==> flow/design.v <==
module my_cmp_unit_stage #(
  parameter W = 96
) (
  input  logic CLK,
  input  logic rst,
  input  logic [W-1:0] lhs_in,
  input  logic [W-1:0] rhs_in,
  input  logic [W-1:0] extra_in,
  output logic between_out
);
  logic between_s;
  always_ff @(posedge CLK or posedge rst) begin
    if (rst) begin
      between_s <= 1'b0;
    end else begin
      between_s <= (lhs_in >= rhs_in) && (lhs_in <= extra_in);
    end
  end
  assign between_out = between_s;
endmodule
Step by step through the tools: my_cmp_unit_stage
The steps from the RTL of my_cmp_unit_stage to its reports follow in flow order.
Lines are those of the file above, counted from 1.
Not given: -
Inputs
  top module: my_cmp_unit_stage
  clock input: CLK
  standard-cell library: sky130hd
  corner: tt_025C_1v80

After elaboration
Yosys after proc, flatten, opt, wreduce and memory -nomap, before mapping. Enables and synchronous resets that opt folds into registers are not counted as muxes. Memory bits, and registers merged into a memory's read port (data or address), are not among the register bits. Print and check cells are not counted. Equal cells are merged and count once.
Bit counts
  elaborated cells: 4
  output and inout bits: 1
  input port bits: 290
  register bits after elaboration: 1
Cells by class
  magnitude comparators: 2
  reduce/logical cells: 1
Operator list (number)
  96-bit >= comparator: 1
  96-bit less-or-equal comparator: 1
  1-bit logical AND: 1

Depth
Longest topological path by Yosys (ltp), each cell counted once; first at word level (registers and memories cut), then after technology mapping (sequential cells cut; the memories' decode and read muxes count).
Depth
  depth in word-level cells: 2
  ABC_AREA: 0
  depth in mapped cells: 9

Synthesis result
Yosys stat after the flow's synthesis: flattened, memories mapped to cells. It holds for the ABC_AREA given above (unset counts as 0); a run with the other value may have another netlist.
Mapped netlist
  flip-flops: 1
  cell count: 687
  cell area after synthesis: 4825.9 um^2
  buffers: 0
  sequential area: 25.0 um^2
Cells by type (number)
  sky130_fd_sc_hd__ha_1: 192
  sky130_fd_sc_hd__inv_1: 195
  sky130_fd_sc_hd__a21oi_1: 73
  sky130_fd_sc_hd__nand4_1: 36
  sky130_fd_sc_hd__nand2_1: 43
  sky130_fd_sc_hd__a21o_1: 18
  sky130_fd_sc_hd__o21ai_0: 27
  sky130_fd_sc_hd__nand3_1: 15
  sky130_fd_sc_hd__nor2_1: 17
  sky130_fd_sc_hd__a211oi_1: 8
  sky130_fd_sc_hd__nor4_1: 8
  sky130_fd_sc_hd__nor3_1: 8
  sky130_fd_sc_hd__o211ai_1: 5
  sky130_fd_sc_hd__nor2b_1: 5
  sky130_fd_sc_hd__a2111oi_0: 3
  sky130_fd_sc_hd__a221oi_1: 3
  sky130_fd_sc_hd__dfrtp_1: 1
  sky130_fd_sc_hd__nand2b_1: 4
Other cell types: 17; their cells: 26.

Timing after synthesis
OpenSTA on the mapped netlist: ideal clock, no wires. The path of least setup slack (recovery checks aside). Input and output delay are each 20% of the period. Register names are those of the netlist, which keeps one name where synthesis merged equal registers.
Path post-synthesis
  path type: input -> register
  start point: input rhs_in[93]
  end point: register between_s
  period: 2.72 ns
  arrival time: 2.205 ns
  library setup time: 0.082 ns
  stages: 8
  buffers on the path: 0
  slack: 0.433 ns
  delay of the path: 1.743 ns
  synthesis period reached: 2.287 ns
"delay of the path" = arrival - input delay + setup time.
"stages" counts driving pins, that of a launching flip-flop among them; a cell with two outputs on the path counts twice.
"synthesis period reached" = period - worst setup slack (recovery checks aside). The figure is calculated, with input and output delays left at 20% of the set period.
Between the ends stands the longest chain of elaborated cells between them, by number of cells; it is not shown to be the way that was timed. Of several equally long chains one is given.
Each line given opens the expression or statement behind the cell; cells for indexed reads and writes are added by Yosys, which also makes memories of some case tables.
On the way, post-synthesis
  cell sequence: sky130_fd_sc_hd__inv_1 -> sky130_fd_sc_hd__ha_1 -> sky130_fd_sc_hd__nand2_1 -> sky130_fd_sc_hd__or3_1 -> sky130_fd_sc_hd__or3_1 -> sky130_fd_sc_hd__nor4_1 -> sky130_fd_sc_hd__o2111ai_1 -> sky130_fd_sc_hd__a22oi_2
  length of the longest elaborated chain: 2
  elaborated cells on any way between the ends: 2
Ends and longest elaborated chain, post-synthesis
  from (decl): RTL line 7  | input  logic [W-1:0] rhs_in,
  96-bit >= comparator: RTL line 16  | between_s <= (lhs_in >= rhs_in) && (lhs_in <= extra_in);
  1-bit logical AND: RTL line 16
  to (assign): RTL line 14  | between_s <= 1'b0;
  to (assign): RTL line 16
  to (decl): RTL line 11  | logic between_s;

Worst path after layout
From the final timing report of job 3: the path of least setup slack in the routed layout; clock arrival at registers is part of the times.
Path after layout
  path type: input -> register
  start point: input rhs_in[41]
  end point: register between_s
  library setup time: 0.08 ns
  stages: 10
  buffers on the path: 2
  period: 2.72 ns
  slack: -0.05 ns
  arrival time: 2.68 ns
Between the ends stands the longest chain of elaborated cells between them, by number of cells; it is not shown to be the way that was timed. Of several equally long chains one is given.
On the way, after layout
  cell sequence: sky130_fd_sc_hd__clkdlybuf4s50_1 -> sky130_fd_sc_hd__inv_2 -> sky130_fd_sc_hd__ha_4 -> sky130_fd_sc_hd__nand4_1 -> sky130_fd_sc_hd__nor4_4 -> sky130_fd_sc_hd__buf_4 -> sky130_fd_sc_hd__nand2_2 -> sky130_fd_sc_hd__a31oi_4 -> sky130_fd_sc_hd__o2111ai_2 -> sky130_fd_sc_hd__a22oi_2
  length of the longest elaborated chain: 2
  elaborated cells on any way between the ends: 2
Ends and longest elaborated chain, after layout
  from (decl): RTL line 7  | input  logic [W-1:0] rhs_in,
  96-bit >= comparator: RTL line 16  | between_s <= (lhs_in >= rhs_in) && (lhs_in <= extra_in);
  1-bit logical AND: RTL line 16
  to (assign): RTL line 14  | between_s <= 1'b0;
  to (assign): RTL line 16
  to (decl): RTL line 11  | logic between_s;

Settings and measured results of 3 stored flow runs for module my_cmp_unit_stage (sky130hd), not sorted in any way. The constraints put input and output delay at 20% of the set period each and load the outputs with 0.01 pF.
"finish__power__total": no workload was simulated; the value follows from the tool's default switching activity.

settings of job 1
{
  "period_ns": 1.82,
  "CORE_UTILIZATION": 28,
  "PLACE_DENSITY_LB_ADDON": 0.2,
  "CELL_PAD_IN_SITES_GLOBAL_PLACEMENT": 2,
  "CELL_PAD_IN_SITES_DETAIL_PLACEMENT": 2,
  "TNS_END_PERCENT": 65,
  "CTS_CLUSTER_SIZE": 78,
  "CAP_MARGIN": 40,
  "CORE_MARGIN": 2,
  "SLEW_MARGIN": 20
}
report of job 1: did not finish, cts, DPL-0033

settings of job 2
{
  "period_ns": 1.5,
  "CORE_UTILIZATION": 28,
  "SETUP_SLACK_MARGIN": 0.34,
  "PLACE_DENSITY": 0.84,
  "CORE_MARGIN": 4,
  "CELL_PAD_IN_SITES_GLOBAL_PLACEMENT": 3,
  "CELL_PAD_IN_SITES_DETAIL_PLACEMENT": 1,
  "TNS_END_PERCENT": 80,
  "GPL_ROUTABILITY_DRIVEN": 1,
  "CTS_CLUSTER_SIZE": 36,
  "CTS_CLUSTER_DIAMETER": 366,
  "SLEW_MARGIN": 0,
  "MAX_ROUTING_LAYER": "met4",
  "CAP_MARGIN": 20
}
report of job 2: did not finish, place, GPL-0301

settings of job 3
{
  "period_ns": 2.72,
  "CAP_MARGIN": 20,
  "CORE_MARGIN": 2,
  "CORE_UTILIZATION": 40,
  "SLEW_MARGIN": 20
}
report of job 3
yosys chip area after synthesis (um^2): 4825.9
finish__design__die__area: 12959.5
finish__design__instance__utilization: 0.7668
finish__timing__setup__ws: -0.045
finish__timing__setup__tns: -0.045
finish__timing__hold__ws: 0.693
finish__power__total: 1.318e-03
